==> flow/design.v <==
module core_add_core_top #(
    parameter XLEN = 14
) (
    input aclk,
    input resetn,
    input [XLEN-1:0] opa,
    input [XLEN-1:0] opb,
    input carry_in,
    output reg [XLEN-1:0] result,
    output reg ovf
);
    wire [XLEN:0] r;
    assign r = opa + opb + carry_in;
    always @(posedge aclk or negedge resetn) begin
        if (!resetn) begin
            result <= 0;
            ovf <= 1'b0;
        end else begin
            result <= r[XLEN-1:0];
            ovf <= r[XLEN];
        end
    end
endmodule
== Step by step through the tools: core_add_core_top ==
What the tools print for core_add_core_top, step after step.
Line numbers count from 1 in the design file above.
Library cell names are shortened.
The mark n/a stands for no value.
Set-up
  design top: core_add_core_top
  clock: aclk
  standard-cell library: sky130hd
  corner: tt_025C_1v80

== Word level ==
Counts by Yosys on the flattened word-level netlist (proc, flatten, opt, wreduce; memories kept). Register bits leave out memories and registers merged into their read ports (data or address); mux counts leave out enables and synchronous resets folded into registers. Print and check cells are left out. Cells with the same type and inputs are merged into one.
Bit counts
  input bits: 31
  word-level cells: 4
  output and inout port bits: 15
  register bits: 15
Cells by class
  add/subtract/negate cells: 2
Operators with widths (number)
  14-bit by 14-bit adder with 15-bit output: 1
  15-bit by 1-bit adder with 15-bit output: 1

== Depth ==
Depth = most cells in a row (Yosys ltp): at word level without a register or memory, in the mapped netlist without a sequential cell, where the memories' decode and read muxes count.
Logic depth
  depth after elaboration: 2
  ABC_AREA: 0
  depth in mapped cells: 8
  gate-level depth less buffers: 8

== Mapped cells and area ==
Yosys stat after the flow's synthesis: flattened, memories mapped to cells. It holds for the ABC_AREA given above (unset counts as 0); a run with the other value may have another netlist.
Mapped netlist
  standard cells after synthesis: 97
  flip-flops: 15
  mapped area: 1033.5 um2
  sequential part of the area: 375.4 um2
  buffers: 0
Cells by type
  dfrtp_1: number 15, area in all 375.36 um2
  ha_1: number 13, area in all 162.656 um2
  xnor2_1: number 8, area in all 70.067 um2
  a21oi_1: number 8, area in all 40.038 um2
  fa_1: number 2, area in all 40.038 um2
  a21o_1: number 5, area in all 37.536 um2
  a21oi_2: number 4, area in all 35.034 um2
  xor2_1: number 4, area in all 35.034 um2
  nand2_1: number 5, area in all 18.768 um2
  nand2b_1: number 3, area in all 18.768 um2
  nor2b_1: number 3, area in all 18.768 um2
  a21boi_0: number 2, area in all 15.014 um2
  a311oi_2: number 1, area in all 15.014 um2
  inv_1: number 4, area in all 15.014 um2
  nor2_1: number 4, area in all 15.014 um2
  o2111ai_2: number 1, area in all 15.014 um2
  a311o_1: number 1, area in all 10.01 um2
  and4_2: number 1, area in all 10.01 um2
Not listed: further types 12, cells in them 13.

== Path before layout ==
Path of least setup slack by OpenSTA after synthesis, without wires, with an ideal clock, recovery checks aside; 20% of the period is set as input and as output delay. Where synthesis merged equal registers, the netlist keeps one of their names.
Timing path after synthesis
  path type: input-to-reg
  start: in opa[0]
  end: reg ovf
  library setup time: 0.126 ns
  external input delay: 0.496 ns
  clock period: 2.48 ns
  data required time: 2.354 ns
  path delay: 1.588 ns
  launch time at the first pin: 0.496 ns
  path slack: 0.396 ns
  stages: 8
  data arrival time: 1.958 ns
  path buffers: 0
  synthesis period reached: 2.084 ns
"path delay" = arrival - input delay + setup time.
"stages": output pins that drive a net of the path, with the launching flip-flop's if there is one; two outputs of one cell count as two.
"synthesis period reached" = period - worst setup slack (recovery checks aside). The figure is calculated, with input and output delays left at 20% of the set period.
The rows between start and end are the longest chain of elaborated cells between them; the timing report does not say that the signal goes this way. Where chains are equally long, one stands for them.
Each line given opens the expression or statement behind the cell; cells for indexed reads and writes are added by Yosys, which also makes memories of some case tables.
Between the ends, after synthesis
  path through: fa_1 inv_1 fa_1 nand2b_1 a21oi_2 o2111ai_2 nand2_1 a311o_1
  length of the longest elaborated chain: 2
  elaborated cells between the ends (all ways): 2
  RTL lines with such cells: 1
  classes of those cells: add/sub (2)
RTL lines, path after synthesis
  start: declaration: line 6  | input [XLEN-1:0] opa,
  14-bit by 14-bit adder with 15-bit output: line 13  | assign r = opa + opb + carry_in;
  15-bit by 1-bit adder with 15-bit output: line 13
  end: assignment: line 17  | ovf <= 1'b0;
  end: assignment: line 20  | ovf <= r[XLEN];
  end: declaration: line 10  | output reg ovf

== Timing after layout ==
Path of least setup slack in the final report of flow run 1 (OpenROAD, finished layout, wires in). Where an end is a register, its clock arrival counts in the times.
Timing path after layout
  path type: input-to-reg
  start: in opa[0]
  end: reg ovf
  stages: 9
  external input delay: 0.63 ns
  launch time at the first pin: 0.63 ns
  data arrival time: 2.69 ns
  path buffers: 1
  library setup time: 0.11 ns
  path slack: 0.64 ns
  data required time: 3.33 ns
  clock period: 3.16 ns
The rows between start and end are the longest chain of elaborated cells between them; the timing report does not say that the signal goes this way. Where chains are equally long, one stands for them.
Between the ends, after layout
  path through: clkdlybuf4s50_1 fa_1 inv_1 fa_1 nand2b_1 a21oi_2 o2111ai_2 nand2_1 a311o_1
  length of the longest elaborated chain: 2
  elaborated cells between the ends (all ways): 2
  RTL lines with such cells: 1
  classes of those cells: add/sub (2)
RTL lines, path after layout
  start: declaration: line 6  | input [XLEN-1:0] opa,
  14-bit by 14-bit adder with 15-bit output: line 13  | assign r = opa + opb + carry_in;
  15-bit by 1-bit adder with 15-bit output: line 13
  end: assignment: line 17  | ovf <= 1'b0;
  end: assignment: line 20  | ovf <= r[XLEN];
  end: declaration: line 10  | output reg ovf

--- measured runs ---
Flow measurements of core_add_core_top on sky130hd: 3 stored runs with different settings, listed in no order. Input and output delays are each 20% of the period that was set; the output load is 0.01 pF.
"achieved clock period (ns)" means the clock period less the worst setup slack. The figure is calculated, with input and output delays left at 20% of the set period.
By "worst setup path time (ns)" is meant the share of the clock period that the worst setup path is allowed (20% is reserved at inputs, 20% at outputs), minus its slack. Clock arrival times at its registers enter into it.
By "finish__power__total" is meant OpenSTA's value without simulated activity: inputs other than the clock are taken to toggle once in ten clock periods, and the tool carries that through the logic.

settings of flow run 1
{
  "period_ns": 3.16,
  "CORE_UTILIZATION": 32,
  "SETUP_SLACK_MARGIN": -0.31,
  "PLACE_DENSITY_LB_ADDON": 0.27,
  "CORE_MARGIN": 7,
  "CELL_PAD_IN_SITES_GLOBAL_PLACEMENT": 3,
  "GPL_ROUTABILITY_DRIVEN": 1,
  "CTS_CLUSTER_SIZE": 73,
  "SLEW_MARGIN": 10,
  "MIN_ROUTING_LAYER": "met2",
  "MAX_ROUTING_LAYER": "met4",
  "CAP_MARGIN": 20
}
report of flow run 1
yosys chip area after synthesis (um^2): 1033.5
finish__design__die__area: 5016.9
finish__design__instance__area__stdcell: 1565.2
finish__design__instance__utilization: 0.5127
finish__timing__setup__ws: 0.639
finish__timing__setup__tns: 0.000
finish__timing__hold__ws: 0.755
finish__power__total: 6.348e-04
achieved clock period (ns): 2.521
worst setup path time (ns): 1.89
worst setup path kind: input-to-reg

settings of flow run 2
{
  "period_ns": 2.48,
  "CAP_MARGIN": 20,
  "CORE_MARGIN": 2,
  "CORE_UTILIZATION": 40,
  "SLEW_MARGIN": 20
}
report of flow run 2
yosys chip area after synthesis (um^2): 1033.5
finish__design__die__area: 3006.3
finish__design__instance__area__stdcell: 1562.8
finish__design__instance__utilization: 0.6366
finish__timing__setup__ws: 0.113
finish__timing__setup__tns: 0.000
finish__timing__hold__ws: 0.612
finish__power__total: 7.945e-04
achieved clock period (ns): 2.367
worst setup path time (ns): 1.87
worst setup path kind: input-to-reg

settings of flow run 3
{
  "period_ns": 1.98,
  "CORE_UTILIZATION": 22,
  "PLACE_DENSITY_LB_ADDON": 0.02,
  "CELL_PAD_IN_SITES_DETAIL_PLACEMENT": 2,
  "MIN_ROUTING_LAYER": "met1",
  "MAX_ROUTING_LAYER": "met4",
  "CAP_MARGIN": 20,
  "CORE_MARGIN": 2,
  "SLEW_MARGIN": 20
}
report of flow run 3
yosys chip area after synthesis (um^2): 1033.5
finish__design__die__area: 5262.1
finish__design__instance__area__stdcell: 1871.8
finish__design__instance__utilization: 0.4212
finish__timing__setup__ws: 0.052
finish__timing__setup__tns: 0.000
finish__timing__hold__ws: 0.456
finish__power__total: 1.177e-03
achieved clock period (ns): 1.928
worst setup path time (ns): 1.53
worst setup path kind: input-to-reg
--- end ---
